==> flow/design.v <==
module addsub #(
   parameter W = 64
) (
   input  wire aclk,
   input  wire i_rst_n,
   input  wire [W-1:0] A,
   input  wire op,
   input  wire start,
   output wire [W-1:0] dout
);
   reg [W-1:0] A_reg;
   reg op_reg;
   reg start_reg;
   reg [W-1:0] cnt;
   always @(posedge aclk or negedge i_rst_n) begin
      if (~i_rst_n) begin
         A_reg <= 0;
         op_reg <= 1'b0;
         start_reg <= 1'b0;
         cnt <= 0;
      end else begin
         A_reg <= A;
         op_reg <= op;
         start_reg <= start;
         cnt <= start_reg ? A_reg : op_reg ? cnt - A_reg : cnt + A_reg;
      end
   end
   assign dout = cnt;
endmodule
Reports on addsub:

The steps from the RTL of addsub to its reports follow in flow order.
Lines are those of the file above, counted from 1.
Library cell names are shortened.
The mark -- stands for no value.

* design top: addsub
* clock port: aclk
* standard-cell library: sky130hd
* corner: tt_025C_1v80

After elaboration:

Yosys after proc, flatten, opt, wreduce and memory -nomap, before mapping. Enables and synchronous resets that opt folds into registers are not counted as muxes. Memory bits, and registers merged into a memory's read port (data or address), are not among the register bits. Print and check cells are not counted. Equal cells are merged and count once.

* word-level cells: 8
* output and inout bits: 64
* bits in registers: 130
* input port bits: 68

* multiplexer cells: 2
* add/sub/neg operators: 2

Operator list (count)
* 64-bit two-way mux: 2
* 64-bit adder: 1
* 64-bit subtractor: 1

Depth:

Yosys ltp: most cells in a row. Word level: on the elaborated netlist, between registers, memories and ports. Mapped: between sequential cells and ports; inverters and the memories' decode and read muxes count.

* word-level depth: 3
* ABC_AREA: 0
* mapped depth: 22
* mapped depth without buffers: 20

Mapped cells and area:

The flow's flattened synthesis, as Yosys stat reports it; memories are mapped. The netlist is that of the ABC_AREA named above (0 if unset); the other value can give another one.
Totals and module areas in this step are rounded.

* flip-flops: 130
* buffer cells: 59
* synthesis area: 0.00916 mm²
* standard cells after synthesis: 1074

Cells by type
* dfrtp_1: count 130, total area 3253.12 µm²
* xnor2_1: count 92, total area 805.773 µm²
* ha_1: count 64, total area 800.768 µm²
* a21oi_1: count 112, total area 560.538 µm²
* nand2_1: count 115, total area 431.664 µm²
* o21ai_0: count 81, total area 405.389 µm²
* nor2_1: count 88, total area 330.317 µm²
* a21o_1: count 37, total area 277.766 µm²
* xor2_1: count 29, total area 253.994 µm²
* clkbuf_1: count 45, total area 168.912 µm²
* a31oi_1: count 22, total area 137.632 µm²
* nand4_1: count 21, total area 131.376 µm²
* nor3_1: count 26, total area 130.125 µm²
* inv_1: count 25, total area 93.84 µm²
* o21bai_1: count 12, total area 90.086 µm²
* o21ai_1: count 17, total area 85.082 µm²
* and3_1: count 13, total area 81.328 µm²
* a211oi_1: count 9, total area 67.565 µm²

Other cell types: 52; their cells: 136.

Timing after synthesis:

Source: OpenSTA report_checks on the synthesized netlist (no wires, ideal clock, input and output delay 20% of the period each), path of least setup slack; recovery checks are left aside. Register names are those of the netlist, which keeps one name where synthesis merged equal registers.

* path type: register to register
* start point: register A_reg[10]
* end point: register cnt[60]
* time at the first pin: 0.000 ns
* data required time: 5.095 ns
* arrival: 4.054 ns
* slack: 1.041 ns
* path delay: 4.179 ns
* stages: 20
* period: 5.22 ns
* synthesis period reached: 4.179 ns

"path delay" = arrival - input delay + setup time.
"stages": output pins that drive a net of the path, with the launching flip-flop's if there is one; two outputs of one cell count as two.
"synthesis period reached" = period - worst setup slack (recovery checks aside). The figure is calculated, with input and output delays left at 20% of the set period.
Between the ends stands the longest chain of elaborated cells between them, by number of cells; it is not shown to be the way that was timed. Of several equally long chains one is given.
Each line given opens the expression or statement behind the cell; cells for indexed reads and writes are added by Yosys, which also makes memories of some case tables.

* cells stage by stage: dfrtp_1 -> nor3_1 -> nand4_1 -> nor4_4 -> and4_1 -> and2_1 -> clkbuf_1 -> a21oi_1 -> xnor2_1 -> ha_1 -> clkbuf_1 -> a21oi_1 -> o21bai_1 -> a21o_1 -> a21oi_1 -> o21ai_0 -> a41o_1 -> o41ai_2 -> xnor2_1 -> mux2_2
* cells in the longest elaborated chain: 3
* elaborated cells on any way between the ends: 4
* RTL lines with such cells: 1
* classes of those cells: 2 x add/sub; 2 x mux

RTL lines, path after synthesis
* start: declaration: line 11 `reg [W-1:0] A_reg;`
* start: assignment: line 17 `A_reg <= 0;`
* start: assignment: line 22 `A_reg <= A;`
* 64-bit adder: line 25 `cnt <= start_reg ? A_reg : op_reg ? cnt - A_reg : cnt + A_reg;`
* 64-bit two-way mux (2 in a row): line 25
* end: assignment: line 20 `cnt <= 0;`
* end: assignment: line 25
* end: declaration: line 14 `reg [W-1:0] cnt;`

Path in the finished layout:

Path of least setup slack in the final report of run 1 (OpenROAD, finished layout, wires in). Where an end is a register, its clock arrival counts in the times.

* path type: register to register
* start point: register A_reg[4]
* end point: register cnt[56]
* time at the first pin: 0.42 ns
* data required time: 7.87 ns
* slack: 2.33 ns
* arrival: 5.54 ns
* stages: 18
* period: 7.59 ns

Between the ends stands the longest chain of elaborated cells between them, by number of cells; it is not shown to be the way that was timed. Of several equally long chains one is given.

* cells stage by stage: dfrtp_1 -> nor3_2 -> nand4_1 -> nor4_1 -> and2_1 -> a31oi_1 -> xnor2_1 -> ha_1 -> a211oi_1 -> o211ai_1 -> nand3_1 -> nand2b_1 -> o31ai_1 -> nand4_1 -> a21oi_1 -> o21ai_1 -> nor4_1 -> a311oi_1
* cells in the longest elaborated chain: 3
* elaborated cells on any way between the ends: 4
* RTL lines with such cells: 1
* classes of those cells: 2 x add/sub; 2 x mux

RTL lines, path post-layout
* start: declaration: line 11 `reg [W-1:0] A_reg;`
* start: assignment: line 17 `A_reg <= 0;`
* start: assignment: line 22 `A_reg <= A;`
* 64-bit adder: line 25 `cnt <= start_reg ? A_reg : op_reg ? cnt - A_reg : cnt + A_reg;`
* 64-bit two-way mux (2 in a row): line 25
* end: assignment: line 20 `cnt <= 0;`
* end: assignment: line 25
* end: declaration: line 14 `reg [W-1:0] cnt;`

FLOW RESULTS
============

Flow measurements of addsub on sky130hd: 3 stored runs with different settings, listed in no order. Input and output delays are each 20% of the period that was set; the output load is 0.01 pF.
"time on the worst setup path" = time allowed to the worst setup path (clock period - input delay - output delay, where it has them) - its slack; a late launch clock adds to it, a late capture clock takes from it.
By "power consumption" is meant OpenSTA's value without simulated activity: inputs other than the clock are taken to toggle once in ten clock periods, and the tool carries that through the logic.
Measured values are rounded.

### Run 1

==> flow/run.sh <==
#!/bin/bash
# the make line also repeats the synthesis and layout settings of config.mk as NAME=value (left out here)
make -C /OpenROAD-flow-scripts/flow DESIGN_CONFIG=/design/flow/config.mk WORK_HOME=/design/flow/orfs CLKGATE_MAP_FILE= finish
==> flow/config.mk <==
export PLATFORM = sky130hd
export DESIGN_NAME = addsub
export DESIGN_NICKNAME = addsub
export VERILOG_FILES = /design/flow/design.v
export SDC_FILE = /design/flow/constraint.sdc
export NUM_CORES = 4
export LEC_CHECK = 0
export CAP_MARGIN = 20
export CELL_PAD_IN_SITES_DETAIL_PLACEMENT = 1
export CORE_ASPECT_RATIO = 1.25
export CORE_MARGIN = 2
export CORE_UTILIZATION = 42
export CTS_CLUSTER_DIAMETER = 379
export GPL_ROUTABILITY_DRIVEN = 0
export PLACE_DENSITY_LB_ADDON = 0.13
export SETUP_SLACK_MARGIN = 1.1
export SLEW_MARGIN = 20
export TNS_END_PERCENT = 5
==> flow/constraint.sdc <==
create_clock -name core_clock -period 7.59 [get_ports {aclk}]
set_input_delay 1.5180 -clock core_clock [delete_from_list [all_inputs] [get_ports {aclk}]]
set_output_delay 1.5180 -clock core_clock [all_outputs]
set_load 0.01 [all_outputs]

Results of run 1:
- Power consumption: 4.69 mW
- Worst hold slack in the final report: 0.443 ns
- Cell area after synthesis: 0.00916 mm²
- Worst setup slack after layout: 2.33 ns
- Die size: 0.023 mm²
- Time on the worst setup path: 5.26 ns
- Critical path type: register to register
- Standard-cell area after layout: 0.0112 mm²

### Run 2

==> flow/run.sh <==
#!/bin/bash
# the make line also repeats the synthesis and layout settings of config.mk as NAME=value (left out here)
make -C /OpenROAD-flow-scripts/flow DESIGN_CONFIG=/design/flow/config.mk WORK_HOME=/design/flow/orfs CLKGATE_MAP_FILE= finish
==> flow/config.mk <==
export PLATFORM = sky130hd
export DESIGN_NAME = addsub
export DESIGN_NICKNAME = addsub
export VERILOG_FILES = /design/flow/design.v
export SDC_FILE = /design/flow/constraint.sdc
export NUM_CORES = 4
export LEC_CHECK = 0
export ABC_AREA = 0
export CAP_MARGIN = 20
export CELL_PAD_IN_SITES_DETAIL_PLACEMENT = 2
export CELL_PAD_IN_SITES_GLOBAL_PLACEMENT = 1
export CORE_MARGIN = 2
export CORE_UTILIZATION = 32
export GPL_ROUTABILITY_DRIVEN = 1
export MAX_ROUTING_LAYER = met4
export PLACE_DENSITY_LB_ADDON = 0.28
export SLEW_MARGIN = 20
==> flow/constraint.sdc <==
create_clock -name core_clock -period 2.81 [get_ports {aclk}]
set_input_delay 0.5620 -clock core_clock [delete_from_list [all_inputs] [get_ports {aclk}]]
set_output_delay 0.5620 -clock core_clock [all_outputs]
set_load 0.01 [all_outputs]

Outcome of run 2: unfinished; error DPL-0033 in clock tree synthesis

### Run 3

==> flow/run.sh <==
#!/bin/bash
# the make line also repeats the synthesis and layout settings of config.mk as NAME=value (left out here)
make -C /OpenROAD-flow-scripts/flow DESIGN_CONFIG=/design/flow/config.mk WORK_HOME=/design/flow/orfs CLKGATE_MAP_FILE= finish
==> flow/config.mk <==
export PLATFORM = sky130hd
export DESIGN_NAME = addsub
export DESIGN_NICKNAME = addsub
export VERILOG_FILES = /design/flow/design.v
export SDC_FILE = /design/flow/constraint.sdc
export NUM_CORES = 4
export LEC_CHECK = 0
export CAP_MARGIN = 20
export CORE_MARGIN = 2
export CORE_UTILIZATION = 40
export SLEW_MARGIN = 20
==> flow/constraint.sdc <==
create_clock -name core_clock -period 5.22 [get_ports {aclk}]
set_input_delay 1.0440 -clock core_clock [delete_from_list [all_inputs] [get_ports {aclk}]]
set_output_delay 1.0440 -clock core_clock [all_outputs]
set_load 0.01 [all_outputs]

Results of run 3:
- Power consumption: 6.75 mW
- Worst hold slack in the final report: 0.443 ns
- Cell area after synthesis: 0.00916 mm²
- Worst setup slack after layout: 0.379 ns
- Die size: 0.0241 mm²
- Time on the worst setup path: 4.84 ns
- Critical path type: register to register
- Standard-cell area after layout: 0.0113 mm²
